==> flow/design.v <==
module my_reg_file_mod_entry #(parameter N = 8) (
  input wire clk,
  input wire en,
  input wire [N-1:0] d,
  output reg [N-1:0] q
);
  always @(posedge clk)
    if (en) q <= d;
endmodule
module my_reg_file_mod (aclk, rst_i, wr_en, wa, wdata, rsel, rdata);
  parameter WORDS = 64;
  parameter WIDTH = 8;
  parameter NUM_RD = 3;
  localparam ADDR_W = $clog2(WORDS);
  input aclk;
  input rst_i;
  input wr_en;
  input [ADDR_W-1:0] wa;
  input [WIDTH-1:0] wdata;
  input [NUM_RD*ADDR_W-1:0] rsel;
  output [NUM_RD*WIDTH-1:0] rdata;
  reg wr_en_r;
  reg [ADDR_W-1:0] wa_r;
  reg [WIDTH-1:0] wdata_r;
  always @(posedge aclk) begin
    if (rst_i) begin
      wr_en_r <= 1'b0;
      wa_r <= 0;
      wdata_r <= 0;
    end else begin
      wr_en_r <= wr_en;
      wa_r <= wa;
      wdata_r <= wdata;
    end
  end
  wire [WORDS*WIDTH-1:0] store;
  genvar i;
  generate
    for (i = 0; i < WORDS; i = i + 1) begin : blk
      my_reg_file_mod_entry #(.N(WIDTH)) u (.clk(aclk), .en(wr_en_r && wa_r == i), .d(wdata_r), .q(store[i*WIDTH +: WIDTH]));
    end
  endgenerate
  reg [NUM_RD*ADDR_W-1:0] rsel_r;
  always @(posedge aclk) begin
    if (rst_i) begin
      rsel_r <= 0;
    end else begin
      rsel_r <= rsel;
    end
  end
  wire [NUM_RD*WIDTH-1:0] work;
  genvar j;
  generate
    for (j = 0; j < NUM_RD; j = j + 1) begin : each
      assign work[j*WIDTH +: WIDTH] = store[rsel_r[j*ADDR_W +: ADDR_W]*WIDTH +: WIDTH];
    end
  endgenerate
  reg [NUM_RD*WIDTH-1:0] rdata_r;
  always @(posedge aclk) begin
    if (rst_i) begin
      rdata_r <= 0;
    end else begin
      rdata_r <= work;
    end
  end
  assign rdata = rdata_r;
endmodule
# Tool chain data of my_reg_file_mod
# What the tools print for my_reg_file_mod, step after step.
# Line numbers count from 1 in the design file above.
# Operators: Yosys type, input widths -> output width; for muxes data width and select width s.
# Not given: --
# inputs
top	my_reg_file_mod
clock_port	aclk
lib	sky130hd
corner	tt_025C_1v80

# After elaboration
# Counts by Yosys on the flattened word-level netlist (proc, flatten, opt, wreduce; memories kept). Register bits leave out memories and registers merged into their read ports (data or address); mux counts leave out enables and synchronous resets folded into registers. Print and check cells are left out. Cells with the same type and inputs are merged into one.
# classes
reduce_and_logical	65
shifts	3
n_eq	63
# op_table
op	n
$shiftx 512x10->8	3
$eq 6x6->1 const B	32
$eq 6x5->1 const B	16
$logic_and 1x1->1	64
$eq 6x4->1 const B	8
$eq 6x3->1 const B	4
$eq 6x2->1 const B	2
$eq 6x1->1 const B	1
$logic_not 6->1	1
# word_totals
ff_bits	569
wordCells	200

# Depth
# Depth = most cells in a row (Yosys ltp): at word level without a register or memory, in the mapped netlist without a sequential cell, where the memories' decode and read muxes count.
# depth
word_depth	2
ABC_AREA	0
mapped_depth	9

# Netlist
# The flow's flattened synthesis, as Yosys stat reports it; memories are mapped. The netlist is that of the ABC_AREA named above (0 if unset); the other value can give another one.
# Totals and module areas in this step are rounded.
# by_type
cell_type	n	type_area_um2
sky130_fd_sc_hd__edfxtp_1	512	1.54E+04
sky130_fd_sc_hd__mux4_2	364	8.2E+03
sky130_fd_sc_hd__dfxtp_1	57	1.14E+03
sky130_fd_sc_hd__mux2i_1	111	1.11E+03
sky130_fd_sc_hd__mux4_1	20	525.504
sky130_fd_sc_hd__nor2_1	84	315.302
sky130_fd_sc_hd__nor2b_1	45	281.52
sky130_fd_sc_hd__mux2_2	24	270.259
sky130_fd_sc_hd__buf_2	53	265.254
sky130_fd_sc_hd__buf_4	31	232.723
sky130_fd_sc_hd__buf_6	20	225.216
sky130_fd_sc_hd__nand2_1	47	176.419
sky130_fd_sc_hd__o22ai_1	23	143.888
sky130_fd_sc_hd__a22oi_1	18	135.13
sky130_fd_sc_hd__a21oi_1	25	125.12
sky130_fd_sc_hd__o221ai_1	14	122.618
sky130_fd_sc_hd__o21ai_0	24	120.115
sky130_fd_sc_hd__nand3_1	20	100.096
# Other cell types: 34; their cells: 136.
# mapped
cells	1628
area_um2	29900
ffs	569
buffers	139
# The figures by module come from a second, unflattened synthesis with its own total; it is not the netlist above.
# unflattened
cells_unflattened	1641
area_unflattened_um2	29700
# Rows give one instance, submodules left out.
# modules
module	cells	mod_area_um2	n_inst
my_reg_file_mod_entry #(N=8)	8	240	64
my_reg_file_mod	1129	14300	1

# Path before layout
# Source: OpenSTA report_checks on the synthesized netlist (no wires, ideal clock, input and output delay 20% of the period each), path of least setup slack; recovery checks are left aside. Register names are those of the netlist, which keeps one name where synthesis merged equal registers.
# synth_timing
path_kind	register -> register
startpoint	register wr_en_r
endpoint	register blk[1].u.q[0]
t_arrival_ns	1.540
required_time_ns	2.020
clock_period_ns	2.39
delay_ns	1.910
n_path_buf	2
path_stages	5
setup_slack_ns	0.480
period_less_setup_slack_ns	1.91
# "delay_ns" = arrival - input delay + setup time.
# "path_stages": output pins that drive a net of the path, with the launching flip-flop's if there is one; two outputs of one cell count as two.
# "period_less_setup_slack_ns" = period - worst setup slack (recovery checks aside). The figure is calculated, with input and output delays left at 20% of the set period.
# The rows between start and end are the longest chain of elaborated cells between them; the timing report does not say that the signal goes this way. Where chains are equally long, one stands for them.
# A line is the first line of the expression or statement that the cell stems from. Yosys adds cells for indexed reads and writes and turns some case tables into memories.
# synth_between
path_cell_list	sky130_fd_sc_hd__dfxtp_1 > sky130_fd_sc_hd__or3b_2 > sky130_fd_sc_hd__clkbuf_1 > sky130_fd_sc_hd__clkbuf_1 > sky130_fd_sc_hd__nor2_1
elab_chain_cells	1
cone_cells	1
cone_lines	1
classes_between	reduce/logical (1)
# synth_rtl
element	line_no	rtl
start: declaration	22	reg wr_en_r;
start: assignment	27	wr_en_r <= 1'b0;
start: assignment	31	wr_en_r <= wr_en;
$logic_and 1x1->1	40	my_reg_file_mod_entry #(.N(WIDTH)) u (.clk(aclk), .en(wr_en_r && wa_r == i), .d(wdata_r), .q(store[i*WIDTH +: ...
end: assignment	8	if (en) q <= d;
end: declaration	5	output reg [N-1:0] q

# Worst path after layout
# Path of least setup slack in the final report of stored run 1 (OpenROAD, finished layout, wires in). Where an end is a register, its clock arrival counts in the times.
# layout_timing
path_kind	register -> register
startpoint	register rsel_r[12]
endpoint	register rdata_r[16]
n_path_buf	3
t_arrival_ns	2.94
path_stages	9
setup_slack_ns	-0.03
clock_period_ns	2.39
required_time_ns	2.91
# The rows between start and end are the longest chain of elaborated cells between them; the timing report does not say that the signal goes this way. Where chains are equally long, one stands for them.
# layout_between
path_cell_list	sky130_fd_sc_hd__dfxtp_4 > sky130_fd_sc_hd__buf_4 > sky130_fd_sc_hd__buf_4 > sky130_fd_sc_hd__mux4_2 > sky130_fd_sc_hd__mux2i_2 > sky130_fd_sc_hd__a21oi_1 > sky130_fd_sc_hd__buf_4 > sky130_fd_sc_hd__o211ai_1 > sky130_fd_sc_hd__nand2_1
elab_chain_cells	1
cone_cells	1
cone_lines	1
classes_between	shift (1)
# layout_rtl
element	line_no	rtl
start: declaration	43	reg [NUM_RD*ADDR_W-1:0] rsel_r;
start: assignment	46	rsel_r <= 0;
start: assignment	48	rsel_r <= rsel;
$shiftx 512x10->8	55	assign work[j*WIDTH +: WIDTH] = store[rsel_r[j*ADDR_W +: ADDR_W]*WIDTH +: WIDTH];
end: assignment	61	rdata_r <= 0;
end: assignment	63	rdata_r <= work;
end: declaration	58	reg [NUM_RD*WIDTH-1:0] rdata_r;

Lab notebook: my_reg_file_mod

Top module my_reg_file_mod; platform sky130hd; tools Yosys and OpenROAD; 3 stored runs in no particular order. Input and output delays are each 20% of the period that was set; the output load is 0.01 pF.
"achieved_period_ns" is the run's clock period less its worst setup slack. It is reckoned from that one timing run; input and output delays stay at 20% of the period that was set.
"critical_path_time_ns" is the time allowed to the run's worst setup path (the clock period less input and output delay, where it has them) less its slack. Clock arrival times count: a late capture clock shortens it, a late launch clock lengthens it.
The results are shown rounded.

Stored run 1, flow files:
==> flow/run.sh <==
#!/bin/bash
# the make line also repeats the synthesis and layout settings of config.mk as NAME=value (left out here)
make -C /OpenROAD-flow-scripts/flow DESIGN_CONFIG=/design/flow/config.mk WORK_HOME=/design/flow/orfs CLKGATE_MAP_FILE= finish
==> flow/config.mk <==
export PLATFORM = sky130hd
export DESIGN_NAME = my_reg_file_mod
export DESIGN_NICKNAME = my_reg_file_mod
export VERILOG_FILES = /design/flow/design.v
export SDC_FILE = /design/flow/constraint.sdc
export NUM_CORES = 4
export LEC_CHECK = 0
export CAP_MARGIN = 20
export CORE_MARGIN = 2
export CORE_UTILIZATION = 40
export SLEW_MARGIN = 20
==> flow/constraint.sdc <==
create_clock -name core_clock -period 2.39 [get_ports {aclk}]
set_input_delay 0.4780 -clock core_clock [delete_from_list [all_inputs] [get_ports {aclk}]]
set_output_delay 0.4780 -clock core_clock [all_outputs]
set_load 0.01 [all_outputs]

==> results of stored run 1, as CSV <==
result,value
achieved_period_ns,2.424
yosys.chip_area_um2,29900
critical_path_time_ns,2.42
worstPathKind,"register -> register"
fin_util_pct,48.1
timing.hold.ws_ns,0.386
total_negative_slack_ns,-0.034
dieArea_um2,76900
fin_ws_ns,-0.034
finish.stdcell_area_um2,35700

Stored run 2, flow files:
==> flow/run.sh <==
#!/bin/bash
# the make line also repeats the synthesis and layout settings of config.mk as NAME=value (left out here)
make -C /OpenROAD-flow-scripts/flow DESIGN_CONFIG=/design/flow/config.mk WORK_HOME=/design/flow/orfs CLKGATE_MAP_FILE= finish
==> flow/config.mk <==
export PLATFORM = sky130hd
export DESIGN_NAME = my_reg_file_mod
export DESIGN_NICKNAME = my_reg_file_mod
export VERILOG_FILES = /design/flow/design.v
export SDC_FILE = /design/flow/constraint.sdc
export NUM_CORES = 4
export LEC_CHECK = 0
export ABC_AREA = 1
export CAP_MARGIN = 20
export CELL_PAD_IN_SITES_DETAIL_PLACEMENT = 0
export CORE_ASPECT_RATIO = 1.57
export CORE_MARGIN = 2
export CORE_UTILIZATION = 37
export GPL_TIMING_DRIVEN = 1
export HOLD_SLACK_MARGIN = 0.0
export SETUP_SLACK_MARGIN = 0.06
export SLEW_MARGIN = 20
==> flow/constraint.sdc <==
create_clock -name core_clock -period 1.96 [get_ports {aclk}]
set_input_delay 0.3920 -clock core_clock [delete_from_list [all_inputs] [get_ports {aclk}]]
set_output_delay 0.3920 -clock core_clock [all_outputs]
set_load 0.01 [all_outputs]

==> results of stored run 2, as CSV <==
result,value
achieved_period_ns,1.955
yosys.chip_area_um2,33200
critical_path_time_ns,1.96
worstPathKind,"register -> register"
fin_util_pct,46.9
timing.hold.ws_ns,0.055
total_negative_slack_ns,0.000
dieArea_um2,92200
fin_ws_ns,0.005
finish.stdcell_area_um2,41700

Stored run 3, flow files:
==> flow/run.sh <==
#!/bin/bash
# the make line also repeats the synthesis and layout settings of config.mk as NAME=value (left out here)
make -C /OpenROAD-flow-scripts/flow DESIGN_CONFIG=/design/flow/config.mk WORK_HOME=/design/flow/orfs CLKGATE_MAP_FILE= finish
==> flow/config.mk <==
export PLATFORM = sky130hd
export DESIGN_NAME = my_reg_file_mod
export DESIGN_NICKNAME = my_reg_file_mod
export VERILOG_FILES = /design/flow/design.v
export SDC_FILE = /design/flow/constraint.sdc
export NUM_CORES = 4
export LEC_CHECK = 0
export ABC_AREA = 1
export CAP_MARGIN = 25
export CORE_ASPECT_RATIO = 0.6
export CORE_MARGIN = 2
export CORE_UTILIZATION = 23
export MAX_ROUTING_LAYER = met5
export PLACE_DENSITY_LB_ADDON = 0.05
export SETUP_SLACK_MARGIN = 0.7
export SLEW_MARGIN = 20
==> flow/constraint.sdc <==
create_clock -name core_clock -period 2.4 [get_ports {aclk}]
set_input_delay 0.4800 -clock core_clock [delete_from_list [all_inputs] [get_ports {aclk}]]
set_output_delay 0.4800 -clock core_clock [all_outputs]
set_load 0.01 [all_outputs]

==> results of stored run 3, as CSV <==
result,value
achieved_period_ns,2.030
yosys.chip_area_um2,33200
critical_path_time_ns,2.03
worstPathKind,"register -> register"
fin_util_pct,31.3
timing.hold.ws_ns,0.312
total_negative_slack_ns,0.000
dieArea_um2,148000
fin_ws_ns,0.370
finish.stdcell_area_um2,44600
